==> flow/design.v <==
module cmp_v2 #(
    parameter integer DW = 12,
    parameter integer COUNT = 3
) (
    input wire clk_i,
    input wire en,
    input wire [COUNT*DW-1:0] src,
    output reg [DW-1:0] max_o
);
    wire [DW-1:0] n_ [1:2*COUNT-1];
    genvar ii;
    generate
        for (ii = 0; ii < COUNT; ii = ii + 1) begin : blk
            assign n_[COUNT+ii] = src[ii*DW +: DW];
        end
        for (ii = 1; ii < COUNT; ii = ii + 1) begin : slice
            assign n_[ii] = (n_[2*ii] > n_[2*ii+1]) ? n_[2*ii] : n_[2*ii+1];
        end
    endgenerate
    always @(posedge clk_i) begin
        if (en) begin
            max_o <= n_[1];
        end
    end
endmodule
==> From RTL to reports: cmp_v2 <==
Tool output for the design above, in the order of the flow.
Line numbers count from 1 in the design file above.
Cell names lack the library's common part.
{ "design": {"top_module": "cmp_v2", "clock": "clk_i", "lib": "sky130hd", "pvt_corner": "tt_025C_1v80"} }

==> Word level <==
Yosys after proc, flatten, opt, wreduce and memory -nomap, before mapping. Enables and synchronous resets that opt folds into registers are not counted as muxes. Memory bits, and registers merged into a memory's read port (data or address), are not among the register bits. Print and check cells are not counted. Equal cells are merged and count once.
{ "word_totals": {"inputBits": 38, "wordCells": 5, "clocked_rd_ports_x_width": 0, "ff_bits": 12, "latch_bits": 0, "ramBits": 0, "mem_count": 0, "mem_bits_ro": 0, "out_inout_bits": 12} }
{ "classes": {"reduce_and_logical": 0, "div_mod_pow": 0, "logic": 0, "mux": 2, "multipliers": 0, "n_shift": 0, "addsub": 0, "n_eq": 0, "compare": 2} }
{ "ops": {"columns": ["operator", "n"], "rows": [
  ["12-bit > comparator", 2],
  ["12-bit two-way mux", 2]
]} }

==> Logic depth <==
Yosys ltp: most cells in a row. Word level: on the elaborated netlist, between registers, memories and ports. Mapped: between sequential cells and ports; inverters and the memories' decode and read muxes count.
{ "depth": {"depth_word": 4, "abc_area": 1, "ltp_mapped": 26, "depth_no_buf": 24} }

==> Synthesis result <==
Source: synth_stat.txt of the flow (Yosys; design flattened, memories mapped). It holds for the ABC_AREA given above (unset counts as 0); a run with the other value may have another netlist.
Totals and module areas in this step are rounded.
{ "mapped": {"buf_cells": 5, "area_mm2": 0.001505, "stdcells": 221, "ff_cells": 12, "sequential_area_mm2": 0.0003603} }
{ "types": {"columns": ["type", "n", "type_area_um2"], "rows": [
  ["edfxtp_1", 12, 360.346],
  ["ha_1", 24, 300.288],
  ["nand2_1", 67, 251.491],
  ["inv_1", 49, 183.926],
  ["nand3_1", 25, 125.12],
  ["and2_1", 11, 68.816],
  ["buf_6", 3, 33.782],
  ["nor2_1", 9, 33.782],
  ["a21oi_1", 6, 30.029],
  ["nor2_4", 2, 22.522],
  ["nand2_2", 2, 12.512],
  ["nand4_1", 2, 12.512],
  ["nand4_2", 1, 12.512],
  ["nand3_2", 1, 10.01],
  ["a21o_2", 1, 8.758],
  ["a21oi_2", 1, 8.758],
  ["a21o_1", 1, 7.507],
  ["buf_4", 1, 7.507]
]} }
Other cell types: 3; their cells: 3.

==> Worst setup path after synthesis <==
Path of least setup slack by OpenSTA after synthesis, without wires, with an ideal clock, recovery checks aside; 20% of the period is set as input and as output delay. Where synthesis merged equal registers, the netlist keeps one of their names.
{ "synth_path": {"path_kind": "input-to-reg", "from": "in src[35]", "to": "reg max_o[3]", "delay_ps": 2432, "tclk_ps": 5000, "input_delay_ps": 1000, "t_first_pin_ps": 1000, "n_path_buf": 2, "path_stages": 20, "slack_ps": 1568, "setup_time_ps": 253, "arrival_ps": 3179, "required_ps": 4747, "synth_period_reached_ps": 3432} }
"delay_ps" is the arrival time less input delay plus setup time.
"path_stages" counts driving pins, that of a launching flip-flop among them; a cell with two outputs on the path counts twice.
"synth_period_reached_ps" = period - worst setup slack (recovery checks aside). The figure is calculated, with input and output delays left at 20% of the set period.
The rows between start and end are the longest chain of elaborated cells between them; the timing report does not say that the signal goes this way. Where chains are equally long, one stands for them.
A line is the first line of the expression or statement that the cell stems from. Yosys adds cells for indexed reads and writes and turns some case tables into memories.
{ "synth_via": {"cell_sequence": "inv_1 -> ha_1 -> a21o_1 -> nor2_1 -> nand3_2 -> nand2_2 -> buf_6 -> nand2_1 -> and2_1 -> ha_1 -> nand2_2 -> nor2_4 -> nand2_1 -> a21oi_2 -> nor2_2 -> nor2_4 -> inv_2 -> buf_6 -> nand2_1 -> nand2_1", "elab_chain_len": 4, "cells_between": 4, "lines_between": 1, "cone_classes": "compare (2); mux (2)"} }
{ "synth_lines": {"columns": ["item", "line_no", "rtl"], "rows": [
  ["start, declared", 7, "input wire [COUNT*DW-1:0] src,"],
  ["12-bit > comparator", 17, "assign n_[ii] = (n_[2*ii] > n_[2*ii+1]) ? n_[2*ii] : n_[2*ii+1];"],
  ["12-bit two-way mux", 17, null],
  ["12-bit > comparator", 17, null],
  ["12-bit two-way mux", 17, null],
  ["end, assigned", 22, "max_o <= n_[1];"],
  ["end, declared", 8, "output reg [DW-1:0] max_o"]
]} }

==> Path in the finished layout <==
Path of least setup slack in the final report of run A (OpenROAD, finished layout, wires in). Where an end is a register, its clock arrival counts in the times.
The report prints the path's times to 10 ps; the period is as set.
{ "layout_path": {"path_kind": "input-to-reg", "from": "in src[35]", "to": "reg max_o[2]", "n_path_buf": 3, "tclk_ps": 5430, "t_first_pin_ps": 1090, "path_stages": 24, "required_ps": 5410, "slack_ps": 1270, "input_delay_ps": 1090, "arrival_ps": 4140, "setup_time_ps": 250} }
The rows between start and end are the longest chain of elaborated cells between them; the timing report does not say that the signal goes this way. Where chains are equally long, one stands for them.
{ "layout_via": {"cell_sequence": "clkdlybuf4s50_1 -> inv_1 -> ha_1 -> nand2_1 -> inv_1 -> nand2_1 -> inv_1 -> nand2_1 -> nand3_2 -> nand2_2 -> buf_6 -> nand2_1 -> and2_1 -> ha_1 -> nand2_2 -> nor2_4 -> nand2_1 -> a21oi_2 -> nor2_2 -> nor2_4 -> inv_2 -> buf_6 -> nand2_1 -> nand2_1", "elab_chain_len": 4, "cells_between": 4, "lines_between": 1, "cone_classes": "compare (2); mux (2)"} }
{ "layout_lines": {"columns": ["item", "line_no", "rtl"], "rows": [
  ["start, declared", 7, "input wire [COUNT*DW-1:0] src,"],
  ["12-bit > comparator", 17, "assign n_[ii] = (n_[2*ii] > n_[2*ii+1]) ? n_[2*ii] : n_[2*ii+1];"],
  ["12-bit two-way mux", 17, null],
  ["12-bit > comparator", 17, null],
  ["12-bit two-way mux", 17, null],
  ["end, assigned", 22, "max_o <= n_[1];"],
  ["end, declared", 8, "output reg [DW-1:0] max_o"]
]} }

FLOW RESULTS
============

Measured results for cmp_v2: 3 stored runs of the Yosys and OpenROAD flow on sky130hd. The settings differ; the order carries no meaning. The constraints put input and output delay at 20% of the set period each and load the outputs with 0.01 pF.
By "reached clock period" is meant the clock period of the run minus its worst setup slack. This is arithmetic on one report: input and output delays are still those of the set period (20% each).
By "critical setup path time" is meant the share of the clock period that the worst setup path is allowed (20% is reserved at inputs, 20% at outputs), minus its slack. Clock arrival times at its registers enter into it.
By "total power after layout" is meant OpenSTA's value without simulated activity: inputs other than the clock are taken to toggle once in ten clock periods, and the tool carries that through the logic.
"critical setup path time" is known to 10 ps.
The results are shown rounded.

==> run A: settings <==
{ "period_ns": 5.43, "CORE_UTILIZATION": 15, "SETUP_SLACK_MARGIN": 0.65, "PLACE_DENSITY_LB_ADDON": 0.2, "CORE_ASPECT_RATIO": 0.68, "CORE_MARGIN": 7, "ABC_AREA": 1, "GPL_TIMING_DRIVEN": 0, "GPL_ROUTABILITY_DRIVEN": 0, "CAP_MARGIN": 40, "SLEW_MARGIN": 10 }
==> run A: results <==
reached clock period: 4159 ps
critical setup path time: 3070 ps
worst setup path type: input-to-reg
total power after layout: 0.4854 mW
post-route setup TNS: 0 ps
die footprint: 0.01309 sq mm
chip area in the Yosys report: 0.001505 sq mm
final utilization: 23.3 %
worst-case hold slack: 1542 ps
standard-cell area after routing: 0.002226 sq mm
smallest setup slack: 1271 ps

==> run B: settings <==
{ "period_ns": 2.74, "CORE_UTILIZATION": 26, "SETUP_SLACK_MARGIN": -0.01, "PLACE_DENSITY": 0.57, "CELL_PAD_IN_SITES_GLOBAL_PLACEMENT": 0, "TNS_END_PERCENT": 90, "CTS_CLUSTER_SIZE": 27, "MIN_ROUTING_LAYER": "met2", "CAP_MARGIN": 20, "CORE_MARGIN": 2, "SLEW_MARGIN": 20 }
==> run B: results <==
reached clock period: 3646 ps
critical setup path time: 3100 ps
worst setup path type: input-to-reg
total power after layout: 0.9331 mW
post-route setup TNS: -10590 ps
die footprint: 0.005653 sq mm
chip area in the Yosys report: 0.001318 sq mm
final utilization: 53.1 %
worst-case hold slack: 776 ps
standard-cell area after routing: 0.002559 sq mm
smallest setup slack: -906 ps

==> run C: settings <==
{ "period_ns": 5.0, "CAP_MARGIN": 20, "CORE_MARGIN": 2, "CORE_UTILIZATION": 40, "SLEW_MARGIN": 20 }
==> run C: results <==
reached clock period: 4482 ps
critical setup path time: 3480 ps
worst setup path type: input-to-reg
total power after layout: 0.3860 mW
post-route setup TNS: 0 ps
die footprint: 0.003769 sq mm
chip area in the Yosys report: 0.001318 sq mm
final utilization: 61.0 %
worst-case hold slack: 1454 ps
standard-cell area after routing: 0.001894 sq mm
smallest setup slack: 518 ps
